==> flow/design.v <==
module gen_relation #(
   parameter BITS = 56
) (
   input wire clk_i,
   input wire [BITS-1:0] i_x,
   input wire [BITS-1:0] i_y,
   output reg o_equal
);
   reg [BITS-1:0] x_q;
   reg [BITS-1:0] y_q;
   always @(posedge clk_i) begin
      x_q <= i_x;
      y_q <= i_y;
   end
   wire [BITS-1:0] work = x_q ^ y_q;
   always @(posedge clk_i)
      o_equal <= ~|work;
endmodule
## Step by step through the tools: gen_relation

Tool output for the design above, in the order of the flow.
Line numbers count from 1 in the design file above.
Cell names lack the library's common part.
The mark -- stands for no value.

| inputs | value |
|---|---|
| design top | gen_relation |
| clock | clk_i |
| standard-cell library | sky130hd |
| corner | tt_025C_1v80 |

## After elaboration

Source: Yosys, flattened and elaborated, memories not mapped. Widths are those after wreduce; folded enables and synchronous resets count as part of the registers. Registers that Yosys merges into a memory's read port (data or address) are not register bits. Print and check cells do not count. Equal cells are merged and count once.

| bit counts | value |
|---|---|
| register bits after elaboration | 113 |
| elaborated cells | 6 |
| bits of input ports | 113 |
| output and inout bits | 1 |

| cells by class | value |
|---|---|
| bitwise logic cells | 1 |
| reduce/logical cells | 2 |

Operator list:

| operator | number |
|---|---|
| 56-bit bitwise XOR | 1 |
| 56-bit OR reduction | 1 |
| 1-bit zero test | 1 |

## Longest topological paths

Longest topological path by Yosys (ltp), each cell counted once; first at word level (registers and memories cut), then after technology mapping (sequential cells cut; the memories' decode and read muxes count).

| depth | value |
|---|---|
| depth in word-level cells | 3 |
| ABC_AREA | 0 |
| mapped depth | 4 |
| mapped depth without buffers | 4 |

## Synthesis result

Source: synth_stat.txt of the flow (Yosys; design flattened, memories mapped). It holds for the ABC_AREA given above (unset counts as 0); a run with the other value may have another netlist.

Cells by type:

| cell type | number | area in all (µm²) |
|---|---|---|
| dfxtp_1 | 113 | 2262.17 |
| xor2_1 | 56 | 490.47 |
| nor4_1 | 14 | 87.584 |
| nand4_1 | 3 | 18.768 |
| nor4_2 | 1 | 12.512 |
| nand2_1 | 1 | 3.754 |

| mapped netlist | value |
|---|---|
| flip-flop cells | 113 |
| synthesis area | 2875.3 µm² |
| buffer cells | 0 |
| sequential part of the area | 2262.2 µm² |
| standard cells after synthesis | 188 |

## Timing after synthesis

Path of least setup slack by OpenSTA after synthesis, without wires, with an ideal clock, recovery checks aside; 20% of the period is set as input and as output delay. Where synthesis merged equal registers, the netlist keeps one of their names.

| path post-synthesis | value |
|---|---|
| kind | register -> register |
| from | register y_q[44] |
| to | register o_equal |
| time at the first pin | 0.000 ns |
| delay of the path | 1.148 ns |
| period | 1.44 ns |
| required time | 1.352 ns |
| driving pins on the path | 5 |
| buffers on the path | 0 |
| arrival | 1.060 ns |
| setup slack | 0.292 ns |
| setup time | 0.088 ns |
| period reached after synthesis | 1.148 ns |

"delay of the path" is the arrival time less input delay plus setup time.
"driving pins on the path": output pins that drive a net of the path, with the launching flip-flop's if there is one; two outputs of one cell count as two.
"period reached after synthesis" is the clock period less the worst setup slack; recovery checks do not enter. This is arithmetic on one report: input and output delays are still those of the set period (20% each).
The rows between start and end are the longest chain of elaborated cells between them; the timing report does not say that the signal goes this way. Where chains are equally long, one stands for them.
Each line given opens the expression or statement behind the cell; cells for indexed reads and writes are added by Yosys, which also makes memories of some case tables.

| on the way, post-synthesis | value |
|---|---|
| cell sequence | dfxtp_1 > xor2_1 > nor4_1 > nand4_1 > nor4_2 |
| cells in the longest elaborated chain | 3 |
| elaborated cells on any way between the ends | 3 |
| source lines of those cells | 2 |
| those cells by class | 1 x logic; 2 x reduce/logical |

Ends and longest elaborated chain, post-synthesis:

| item | RTL line | source |
|---|---|---|
| start: declaration | 10 | `reg [BITS-1:0] y_q;` |
| start: assignment | 13 | `y_q <= i_y;` |
| 56-bit bitwise XOR | 15 | `wire [BITS-1:0] work = x_q ^ y_q;` |
| 56-bit OR reduction | 17 | `o_equal <= ~\|work;` |
| 1-bit zero test | 17 |  |
| end: assignment | 17 |  |
| end: declaration | 7 | `output reg o_equal` |

## Path in the finished layout

Path of least setup slack in the final report of stored run 3 (OpenROAD, finished layout, wires in). Where an end is a register, its clock arrival counts in the times.

| path after layout | value |
|---|---|
| kind | register -> output |
| from | register o_equal |
| to | output port o_equal |
| buffers on the path | 1 |
| time at the first pin | 0.49 ns |
| required time | 1.15 ns |
| setup slack | 0.07 ns |
| arrival | 1.09 ns |
| driving pins on the path | 2 |
| output delay | 0.29 ns |
| period | 1.44 ns |

| on the way, after layout | value |
|---|---|
| cell sequence | dfxtp_1 > dlygate4sd2_1 |
| cells in the longest elaborated chain | 0 |
| elaborated cells on any way between the ends | 0 |
| source lines of those cells | 0 |

Ends and longest elaborated chain, after layout:

| item | RTL line | source |
|---|---|---|
| start: declaration | 7 | `output reg o_equal` |
| start: assignment | 17 | `o_equal <= ~\|work;` |
| end: declaration | 7 |  |

Subject: flow runs of gen_relation

Hi,

Measured results for gen_relation: 3 stored runs of the Yosys and OpenROAD flow on sky130hd. The settings differ; the order carries no meaning. The constraints put input and output delay at 20% of the set period each and load the outputs with 0.01 pF.
"time used up by the worst setup path" means the part of the period allowed to the worst setup path (the constraints hold back 20% at inputs and 20% at outputs) less its slack; where the path has registers, the arrival times of their clocks count too.
"power": no workload was simulated; the value follows from the tool's default switching activity.
A setting shown as -- is not set for that run.
A result given as -- is not shown for that run.

| run name | period_ns | CORE_UTILIZATION | SETUP_SLACK_MARGIN | PLACE_DENSITY | CORE_MARGIN | CELL_PAD_IN_SITES_DETAIL_PLACEMENT | TNS_END_PERCENT | CTS_CLUSTER_SIZE | CTS_CLUSTER_DIAMETER | SLEW_MARGIN | CAP_MARGIN | PLACE_DENSITY_LB_ADDON | HOLD_SLACK_MARGIN | CORE_ASPECT_RATIO | CELL_PAD_IN_SITES_GLOBAL_PLACEMENT | time used up by the worst setup path (ns) | kind of the worst setup path | standard-cell area after routing (µm²) | worst hold slack in the final report (ns) | area inside the die boundary (µm²) | power (mW) | worst setup slack after layout (ns) | netlist area reported by Yosys (µm²) | setup total negative slack (ns) |
|---|---|---|---|---|---|---|---|---|---|---|---|---|---|---|---|---|---|---|---|---|---|---|---|---|
| stored run 1 | 0.852 | 67 | 0.12 | 0.41 | 2 | 0 | 100 | 68 | 167 | 40 | 20 | -- | -- | -- | -- | -- | -- | -- | -- | -- | -- | -- | -- | -- |
| stored run 2 | 0.727 | 70 | -- | -- | 2 | -- | 20 | 79 | -- | 20 | 20 | 0.1 | 0.06 | 1.76 | 2 | -- | -- | -- | -- | -- | -- | -- | -- | -- |
| stored run 3 | 1.44 | 40 | -- | -- | 2 | -- | -- | -- | -- | 20 | 20 | -- | -- | -- | -- | 1.09 | register -> output | 4813.4 | 0.233 | 7881.9 | 8.223 | 0.067 | 2875.3 | 0.000 |

Stored run 1: incomplete, placement halted on GPL-0301
Stored run 2: incomplete, placement halted on FLW-0024

Regards
